==> flow/design.v <==
module my_multiplier #(
   parameter W = 9,
   parameter G = 4
) (
   input ck,
   input i_rst,
   input [W-1:0] op_a,
   input [W-1:0] op_b,
   input start,
   output [2*W+G-1:0] res
);
   wire [2*W-1:0] r = op_a * op_b;
   reg [2*W+G-1:0] run_sum;
   assign res = run_sum;
   always @(posedge ck or posedge i_rst) begin
      if (i_rst) begin
         run_sum <= 0;
      end else begin
         run_sum <= start ? r : run_sum + r;
      end
   end
endmodule
Step by step through the tools: my_multiplier --
Tool output for the design above, in the order of the flow. Lines are those of the file above, counted from 1. Operators: Yosys type, input widths -> output width; for muxes data width and select width s. Library cell names are shortened. A cell with -- has no value.
Design: design top my_multiplier, clock port ck, library sky130hd, corner tt_025C_1v80

After elaboration --
Yosys after proc, flatten, opt, wreduce and memory -nomap, before mapping. Enables and synchronous resets that opt folds into registers are not counted as muxes. Memory bits, and registers merged into a memory's read port (data or address), are not among the register bits. Print and check cells are not counted. Equal cells are merged and count once.
Word-level totals: input bits 21, bits in registers 22
Cells by class: multipliers 1, muxes and demuxes 1, add/sub/neg operators 1
Operators with widths (count):
- $mul 9x9->18 | 1
- $add 22x18->22 | 1
- $mux 22 | 1

Longest topological paths --
Depth = most cells in a row (Yosys ltp): at word level without a register or memory, in the mapped netlist without a sequential cell, where the memories' decode and read muxes count.
Logic depth: depth in word-level cells 3, ABC_AREA 0, gate-level depth with buffers 25, depth with buffers taken out 23

Netlist --
The flow's flattened synthesis, as Yosys stat reports it; memories are mapped. The netlist is that of the ABC_AREA named above (0 if unset); the other value can give another one. Totals and module areas in this step are rounded.
Cells by type:
- fa_1 | count 51, total area 1.02E+03 um2
- ha_1 | count 59, total area 738.208 um2
- dfrtp_1 | count 22, total area 550.528 um2
- and2_1 | count 51, total area 319.056 um2
- inv_1 | count 78, total area 292.781 um2
- nand2_1 | count 57, total area 213.955 um2
- a21oi_1 | count 27, total area 135.13 um2
- xnor2_1 | count 15, total area 131.376 um2
- mux2_2 | count 8, total area 90.086 um2
- o21ai_0 | count 17, total area 85.082 um2
- xor2_1 | count 9, total area 78.826 um2
- nor2_1 | count 17, total area 63.811 um2
- a2111oi_2 | count 3, total area 45.043 um2
- a31oi_1 | count 7, total area 43.792 um2
- nand3_1 | count 8, total area 40.038 um2
- a21o_1 | count 5, total area 37.536 um2
- nor2b_1 | count 6, total area 37.536 um2
- nor4b_1 | count 4, total area 35.034 um2
Other cell types: 42; their cells: 65.
Mapped netlist: mapped cells 509, chip area (Yosys) 4430 um2, flip-flop cells 22

Worst setup path after synthesis --
Path of least setup slack by OpenSTA after synthesis, without wires, with an ideal clock, recovery checks aside; 20% of the period is set as input and as output delay. Where synthesis merged equal registers, the netlist keeps one of their names.
Timing after synthesis: path type input to register, start input port op_b[2], end register run_sum[19], stages 23, launch time at the first pin 1686 ps, required time 8306 ps, clock period 8430 ps, setup time 124 ps, path slack 1349 ps, arrival 6957 ps, delay of the path 5395 ps, period reached after synthesis 7081 ps
"delay of the path" is the arrival time less input delay plus setup time. "stages": output pins that drive a net of the path, with the launching flip-flop's if there is one; two outputs of one cell count as two. "period reached after synthesis" = period - worst setup slack (recovery checks aside). The figure is calculated, with input and output delays left at 20% of the set period. The rows between start and end are the longest chain of elaborated cells between them; the timing report does not say that the signal goes this way. Where chains are equally long, one stands for them. A line is the first line of the expression or statement that the cell stems from. Yosys adds cells for indexed reads and writes and turns some case tables into memories.
On the way, after synthesis: path through clkbuf_1 > nand2_1 > fa_1 > inv_1 > fa_1 > inv_1 > fa_1 > fa_1 > inv_1 > ha_1 > o21a_1 > o31a_1 > o31a_2 > a21oi_1 > xnor2_1 > ha_1 > clkbuf_1 > a21oi_1 > o21ai_0 > o21ai_0 > nand2_1 > a22o_1 > a211o_2, length of the longest elaborated chain 3
Ends and longest elaborated chain, after synthesis:
- start: declaration | RTL line 8 | input [W-1:0] op_b,
- $mul 9x9->18 | RTL line 12 | wire [2*W-1:0] r = op_a * op_b;
- $add 22x18->22 | RTL line 19 | run_sum <= start ? r : run_sum + r;
- $mux 22 | RTL line 19
- end: assignment | RTL line 17 | run_sum <= 0;
- end: assignment | RTL line 19
- end: declaration | RTL line 13 | reg [2*W+G-1:0] run_sum;

Path in the finished layout --
From the final timing report of job 1: the path of least setup slack in the routed layout; clock arrival at registers is part of the times. The report prints the path's times to 10 ps; the period is as set.
Timing post-layout: path type input to register, start input port op_b[2], end register run_sum[19], clock period 8430 ps, launch time at the first pin 1690 ps, arrival 7830 ps, stages 22, required time 8600 ps, path slack 780 ps, setup time 100 ps
The rows between start and end are the longest chain of elaborated cells between them; the timing report does not say that the signal goes this way. Where chains are equally long, one stands for them.
On the way, post-layout: path through clkdlybuf4s50_1 > nand2_1 > fa_1 > inv_1 > fa_1 > inv_1 > fa_1 > fa_1 > inv_1 > ha_1 > o21a_1 > o31a_1 > o31a_2 > a21oi_1 > xnor2_1 > ha_1 > a21oi_1 > o21ai_0 > o21ai_0 > nand2_1 > a22o_1 > a211o_2, length of the longest elaborated chain 3
Ends and longest elaborated chain, post-layout:
- start: declaration | RTL line 8 | input [W-1:0] op_b,
- $mul 9x9->18 | RTL line 12 | wire [2*W-1:0] r = op_a * op_b;
- $add 22x18->22 | RTL line 19 | run_sum <= start ? r : run_sum + r;
- $mux 22 | RTL line 19
- end: assignment | RTL line 17 | run_sum <= 0;
- end: assignment | RTL line 19
- end: declaration | RTL line 13 | reg [2*W+G-1:0] run_sum;

Subject: my_multiplier on sky130hd, stored results

Hello all,

Settings and measured results of 3 stored flow runs for module my_multiplier (sky130hd), not sorted in any way. The constraints put input and output delay at 20% of the set period each and load the outputs with 0.01 pF.
Measured values are rounded.

[job 1] flow files
==> flow/run.sh <==
#!/bin/bash
# the make line also repeats the synthesis and layout settings of config.mk as NAME=value (left out here)
make -C /OpenROAD-flow-scripts/flow DESIGN_CONFIG=/design/flow/config.mk WORK_HOME=/design/flow/orfs CLKGATE_MAP_FILE= finish
==> flow/config.mk <==
export PLATFORM = sky130hd
export DESIGN_NAME = my_multiplier
export DESIGN_NICKNAME = my_multiplier
export VERILOG_FILES = /design/flow/design.v
export SDC_FILE = /design/flow/constraint.sdc
export NUM_CORES = 4
export LEC_CHECK = 0
export CAP_MARGIN = 20
export CORE_MARGIN = 2
export CORE_UTILIZATION = 40
export SLEW_MARGIN = 20
==> flow/constraint.sdc <==
create_clock -name core_clock -period 8.43 [get_ports {ck}]
set_input_delay 1.6860 -clock core_clock [delete_from_list [all_inputs] [get_ports {ck}]]
set_output_delay 1.6860 -clock core_clock [all_outputs]
set_load 0.01 [all_outputs]

[job 1] result: chip area after synthesis (Yosys) 4430 um2; die footprint 11900 um2; standard-cell area after layout 5080 um2; utilization of the finished layout 0.469; worst slack on setup checks 776 ps; total negative slack 0 ps; lowest hold slack 611 ps

[job 2] flow files
==> flow/run.sh <==
#!/bin/bash
# the make line also repeats the synthesis and layout settings of config.mk as NAME=value (left out here)
make -C /OpenROAD-flow-scripts/flow DESIGN_CONFIG=/design/flow/config.mk WORK_HOME=/design/flow/orfs CLKGATE_MAP_FILE= finish
==> flow/config.mk <==
export PLATFORM = sky130hd
export DESIGN_NAME = my_multiplier
export DESIGN_NICKNAME = my_multiplier
export VERILOG_FILES = /design/flow/design.v
export SDC_FILE = /design/flow/constraint.sdc
export NUM_CORES = 4
export LEC_CHECK = 0
export CAP_MARGIN = 20
export CELL_PAD_IN_SITES_GLOBAL_PLACEMENT = 0
export CORE_MARGIN = 2
export CORE_UTILIZATION = 23
export HOLD_SLACK_MARGIN = 0.12
export MAX_ROUTING_LAYER = met5
export MIN_ROUTING_LAYER = met1
export PLACE_DENSITY_LB_ADDON = 0.25
export SLEW_MARGIN = 40
export TNS_END_PERCENT = 10
==> flow/constraint.sdc <==
create_clock -name core_clock -period 4.33 [get_ports {ck}]
set_input_delay 0.8660 -clock core_clock [delete_from_list [all_inputs] [get_ports {ck}]]
set_output_delay 0.8660 -clock core_clock [all_outputs]
set_load 0.01 [all_outputs]

[job 2] result: chip area after synthesis (Yosys) 4430 um2; die footprint 20400 um2; standard-cell area after layout 6710 um2; utilization of the finished layout 0.357; worst slack on setup checks -1530 ps; total negative slack -17500 ps; lowest hold slack 616 ps

[job 3] flow files
==> flow/run.sh <==
#!/bin/bash
# the make line also repeats the synthesis and layout settings of config.mk as NAME=value (left out here)
make -C /OpenROAD-flow-scripts/flow DESIGN_CONFIG=/design/flow/config.mk WORK_HOME=/design/flow/orfs CLKGATE_MAP_FILE= finish
==> flow/config.mk <==
export PLATFORM = sky130hd
export DESIGN_NAME = my_multiplier
export DESIGN_NICKNAME = my_multiplier
export VERILOG_FILES = /design/flow/design.v
export SDC_FILE = /design/flow/constraint.sdc
export NUM_CORES = 4
export LEC_CHECK = 0
export ABC_AREA = 1
export CAP_MARGIN = 10
export CORE_MARGIN = 7
export CORE_UTILIZATION = 53
export CTS_CLUSTER_SIZE = 81
export GPL_ROUTABILITY_DRIVEN = 1
export GPL_TIMING_DRIVEN = 1
export MAX_ROUTING_LAYER = met4
export PLACE_DENSITY = 0.95
export SETUP_SLACK_MARGIN = -0.7
export SLEW_MARGIN = 20
==> flow/constraint.sdc <==
create_clock -name core_clock -period 7.1 [get_ports {ck}]
set_input_delay 1.4200 -clock core_clock [delete_from_list [all_inputs] [get_ports {ck}]]
set_output_delay 1.4200 -clock core_clock [all_outputs]
set_load 0.01 [all_outputs]

[job 3] result: chip area after synthesis (Yosys) 4940 um2; die footprint 12200 um2; standard-cell area after layout 5550 um2; utilization of the finished layout 0.607; worst slack on setup checks 328 ps; total negative slack 0 ps; lowest hold slack 541 ps

Thanks
